==> flow/design.v <==
module cpu_sum_block #(
    parameter NBITS = 80
) (
    input wire clk_i,
    input wire [NBITS-1:0] i_x,
    input wire [NBITS-1:0] i_y,
    input wire i_cin,
    output wire [NBITS-1:0] o_sum,
    output wire o_co
);
    reg [NBITS-1:0] x_q;
    reg [NBITS-1:0] y_q;
    reg cin_q;
    always @(posedge clk_i) begin
        x_q <= i_x;
        y_q <= i_y;
        cin_q <= i_cin;
    end
    localparam NG = NBITS / 4;
    wire [NBITS-1:0] val;
    wire [NG:0] chain;
    assign chain[0] = cin_q;
    genvar gi;
    generate
        for (gi = 0; gi < NG; gi = gi + 1) begin : u_g
            la4 unit (.a(x_q[4*gi +: 4]), .b(y_q[4*gi +: 4]), .ci(chain[gi]), .s(val[4*gi +: 4]), .co(chain[gi+1]));
        end
    endgenerate
    assign o_sum = val;
    assign o_co = chain[NG];
endmodule
module la4 (
    input wire [3:0] a,
    input wire [3:0] b,
    input wire ci,
    output wire [3:0] s,
    output wire co
);
    wire [3:0] g = a & b;
    wire [3:0] p = a ^ b;
    wire c1 = g[0] | (p[0] & ci);
    wire c2 = g[1] | (p[1] & g[0]) | (p[1] & p[0] & ci);
    wire c3 = g[2] | (p[2] & g[1]) | (p[2] & p[1] & g[0]) | (p[2] & p[1] & p[0] & ci);
    assign co = g[3] | (p[3] & g[2]) | (p[3] & p[2] & g[1]) | (p[3] & p[2] & p[1] & g[0]) | (&p & ci);
    assign s = p ^ {c3, c2, c1, ci};
endmodule
From RTL to reports: cpu_sum_block
The steps from the RTL of cpu_sum_block to its reports follow in flow order.
Line numbers count from 1 in the design file above.
Library cell names are shortened.
{ "setup": {"top_module": "cpu_sum_block", "clock_port": "clk_i", "cell_library": "sky130hd", "corner": "tt_025C_1v80"} }

After elaboration
Yosys after proc, flatten, opt, wreduce and memory -nomap, before mapping. Enables and synchronous resets that opt folds into registers are not counted as muxes. Memory bits, and registers merged into a memory's read port (data or address), are not among the register bits. Print and check cells are not counted. Equal cells are merged and count once.
{ "bits": {"input_bits": 162, "ram_bits": 0, "register_bits": 161, "clocked_rd_ports_x_width": 0, "mem_count": 0, "latchBits": 0, "romBits": 0} }
{ "classes": {"add_sub_neg": 0, "shifts": 0, "n_eq": 0, "n_div": 0, "n_logic": 560, "reduce_logical": 20, "mux": 0, "multipliers": 0, "cmp": 0} }
{ "ops": {"columns": ["op", "n"], "rows": [
  ["bitwise AND 1 bit", 300],
  ["bitwise OR 1 bit", 200],
  ["XOR 4 bit", 40],
  ["bitwise AND 4 bit", 20],
  ["AND reduction 4 bit", 20]
]} }

Logic depth
Yosys ltp: most cells in a row. Word level: on the elaborated netlist, between registers, memories and ports. Mapped: between sequential cells and ports; inverters and the memories' decode and read muxes count.
{ "logic_depth": {"ltp_word": 45, "ABC_AREA": 0, "depth_mapped": 13, "mapped_depth_nobuf": 13} }

After synthesis
Yosys stat after the flow's synthesis: flattened, memories mapped to cells. It holds for the ABC_AREA given above (unset counts as 0); a run with the other value may have another netlist.
The area totals of this step are shown rounded.
{ "synth_totals": {"buffers": 0, "mapped_cells": 606, "mapped_area_um2": 6793, "ffs": 161} }
{ "types": {"columns": ["cell_type", "n"], "rows": [
  ["dfxtp_1", 161],
  ["ha_1", 80],
  ["fa_1", 20],
  ["xnor2_1", 30],
  ["a21oi_1", 49],
  ["xor2_1", 25],
  ["a21o_1", 18],
  ["nor2_1", 35],
  ["nand2_1", 29],
  ["nand4_1", 16],
  ["inv_1", 25],
  ["nor3_1", 12],
  ["o21ai_0", 12],
  ["o21ai_1", 11],
  ["o21bai_1", 7],
  ["a211oi_1", 6],
  ["a211oi_2", 3],
  ["o21a_1", 5]
]} }
Other cell types: 39; their cells: 62.
The figures by module come from a second, unflattened synthesis with its own total; it is not the netlist above.
{ "unflattened": {"cells_unflattened": 501, "area_unflattened_um2": 6176} }
Rows give one instance, submodules left out.
{ "modules": {"columns": ["mod", "cells", "n_inst", "mod_seq_area_um2", "mod_area_um2"], "rows": [
  ["cpu_sum_block", 161, 1, 3223, 3223],
  ["la4", 17, 20, 0.0, 147.6]
]} }

Timing after synthesis
Path of least setup slack by OpenSTA after synthesis, without wires, with an ideal clock, recovery checks aside; 20% of the period is set as input and as output delay. Where synthesis merged equal registers, the netlist keeps one of their names.
{ "synth_path": {"path_kind": "register to output", "startpoint": "register y_q[0]", "endpoint": "output o_sum[65]", "launch_ns": 0.000, "slack_ns": 0.679, "path_buffers": 0, "stages": 13, "arrival_ns": 2.729, "path_delay_ns": 2.729, "period_ns": 4.26, "required_time_ns": 3.408, "period_less_setup_slack_ns": 3.581} }
"path_delay_ns" = arrival - input delay + setup time.
A path that ends at an output port has no setup time.
"stages": output pins that drive a net of the path, with the launching flip-flop's if there is one; two outputs of one cell count as two.
"period_less_setup_slack_ns" = period - worst setup slack (recovery checks aside). The figure is calculated, with input and output delays left at 20% of the set period.
The rows between start and end are the longest chain of elaborated cells between them; the timing report does not say that the signal goes this way. Where chains are equally long, one stands for them.
A line is the first line of the expression or statement that the cell stems from. Yosys adds cells for indexed reads and writes and turns some case tables into memories.
{ "synth_between": {"path_cell_list": "dfxtp_1 > ha_1 > a211oi_2 > nor2_2 > a211oi_4 > o31ai_1 > a211oi_2 > a21oi_1 > nor2_2 > o21ai_1 > a21o_1 > fa_1 > xor2_1", "elab_chain_cells": 37, "cells_between": 40, "cone_lines": 5, "classes_between": "39 x logic; 1 x reduce/logical"} }
{ "synth_rtl": {"columns": ["element", "line_no", "text"], "rows": [
  ["start, declared", 12, "reg [NBITS-1:0] y_q;"],
  ["start, assigned", 16, "y_q <= i_y;"],
  ["bitwise AND 4 bit", 39, "wire [3:0] g = a & b;"],
  ["bitwise AND 1 bit", 44, "assign co = g[3] | (p[3] & g[2]) | (p[3] & p[2] & g[1]) | (p[3] & p[2] & p[1] & g[0]) | (&p & ci);"],
  ["bitwise OR 1 bit x2", 44, null],
  ["bitwise AND 1 bit", 44, null],
  ["bitwise OR 1 bit", 44, null],
  ["bitwise AND 1 bit", 44, null],
  ["bitwise OR 1 bit", 44, null],
  ["[... 22 more ...]", null, null],
  ["bitwise AND 1 bit", 44, null],
  ["bitwise OR 1 bit", 44, null],
  ["bitwise AND 1 bit", 44, null],
  ["bitwise OR 1 bit", 44, null],
  ["bitwise AND 1 bit", 41, "wire c1 = g[0] | (p[0] & ci);"],
  ["bitwise OR 1 bit", 41, null],
  ["XOR 4 bit", 45, "assign s = p ^ {c3, c2, c1, ci};"],
  ["end, declared", 8, "output wire [NBITS-1:0] o_sum,"]
]} }

Timing after layout
Path of least setup slack in the final report of run 1 (OpenROAD, finished layout, wires in). Where an end is a register, its clock arrival counts in the times.
{ "layout_path": {"path_kind": "register to output", "startpoint": "register x_q[0]", "endpoint": "output o_sum[79]", "required_time_ns": 3.41, "period_ns": 4.26, "stages": 15, "arrival_ns": 3.36, "launch_ns": 0.41, "path_buffers": 3, "slack_ns": 0.05} }
The rows between start and end are the longest chain of elaborated cells between them; the timing report does not say that the signal goes this way. Where chains are equally long, one stands for them.
{ "layout_between": {"path_cell_list": "dfxtp_2 > ha_4 > a211oi_2 > nor2_2 > a211oi_4 > o31ai_2 > a211oi_2 > nand2_1 > a211oi_2 > buf_4 > nor4b_4 > nor3_2 > buf_4 > xnor2_2 > buf_2", "elab_chain_cells": 43, "cells_between": 46, "cone_lines": 5, "classes_between": "45 x logic; 1 x reduce/logical"} }
{ "layout_rtl": {"columns": ["element", "line_no", "text"], "rows": [
  ["start, declared", 11, "reg [NBITS-1:0] x_q;"],
  ["start, assigned", 15, "x_q <= i_x;"],
  ["bitwise AND 4 bit", 39, "wire [3:0] g = a & b;"],
  ["bitwise AND 1 bit", 44, "assign co = g[3] | (p[3] & g[2]) | (p[3] & p[2] & g[1]) | (p[3] & p[2] & p[1] & g[0]) | (&p & ci);"],
  ["bitwise OR 1 bit x2", 44, null],
  ["bitwise AND 1 bit", 44, null],
  ["bitwise OR 1 bit", 44, null],
  ["bitwise AND 1 bit", 44, null],
  ["bitwise OR 1 bit", 44, null],
  ["[... 28 more ...]", null, null],
  ["bitwise AND 1 bit", 44, null],
  ["bitwise OR 1 bit", 44, null],
  ["bitwise AND 1 bit", 44, null],
  ["bitwise OR 1 bit", 44, null],
  ["bitwise AND 1 bit", 43, "wire c3 = g[2] | (p[2] & g[1]) | (p[2] & p[1] & g[0]) | (p[2] & p[1] & p[0] & ci);"],
  ["bitwise OR 1 bit", 43, null],
  ["XOR 4 bit", 45, "assign s = p ^ {c3, c2, c1, ci};"],
  ["end, declared", 8, "output wire [NBITS-1:0] o_sum,"]
]} }

--- measured runs ---
Measured results for cpu_sum_block: 3 stored runs of the Yosys and OpenROAD flow on sky130hd. The settings differ; the order carries no meaning. The constraints put input and output delay at 20% of the set period each and load the outputs with 0.01 pF.
"achievedPeriod_ns" means the clock period less the worst setup slack. The figure is calculated, with input and output delays left at 20% of the set period.
By "timing.worst_path_ns" is meant the share of the clock period that the worst setup path is allowed (20% is reserved at inputs, 20% at outputs), minus its slack. Clock arrival times at its registers enter into it.
"total_power_mw" rests on the timing tool's default activity at the inputs, not on a simulated workload.
Values from the reports are rounded here.
[
  {
    "run": "run 1",
    "settings": { "period_ns": 4.26, "CAP_MARGIN": 20, "CORE_MARGIN": 2, "CORE_UTILIZATION": 40, "SLEW_MARGIN": 20 },
    "results": { "total_power_mw": 4.275, "die_footprint_um2": 18040, "finish.stdcell_area_um2": 10840, "final_setup_ws_ns": 0.051, "yosys.chip_area_um2": 6793, "timing.worst_path_ns": 3.36, "path_kind": "register to output", "achievedPeriod_ns": 4.209 }
  },
  {
    "run": "run 2",
    "settings": { "period_ns": 3.13, "CORE_UTILIZATION": 49, "SETUP_SLACK_MARGIN": 0.13, "PLACE_DENSITY_LB_ADDON": 0.05, "HOLD_SLACK_MARGIN": 0.02, "CORE_ASPECT_RATIO": 0.51, "CORE_MARGIN": 3, "CELL_PAD_IN_SITES_GLOBAL_PLACEMENT": 1, "GPL_ROUTABILITY_DRIVEN": 0, "MAX_ROUTING_LAYER": "met4", "CAP_MARGIN": 20, "SLEW_MARGIN": 20 },
    "results": { "finish.stdcell_area_um2": 12150, "die_footprint_um2": 15390, "yosys.chip_area_um2": 6793, "timing.worst_path_ns": 3.59, "path_kind": "register to output", "achievedPeriod_ns": 4.213, "final_setup_ws_ns": -1.083, "total_power_mw": 6.271 }
  },
  {
    "run": "run 3",
    "settings": { "period_ns": 3.46, "CORE_UTILIZATION": 69, "SETUP_SLACK_MARGIN": -0.33, "PLACE_DENSITY": 0.57, "CELL_PAD_IN_SITES_GLOBAL_PLACEMENT": 2, "TNS_END_PERCENT": 5, "GPL_TIMING_DRIVEN": 0, "CAP_MARGIN": 20, "CORE_MARGIN": 2, "SLEW_MARGIN": 20 },
    "outcome": "no final report: placement broke off with GPL-0301"
  }
]
--- end ---
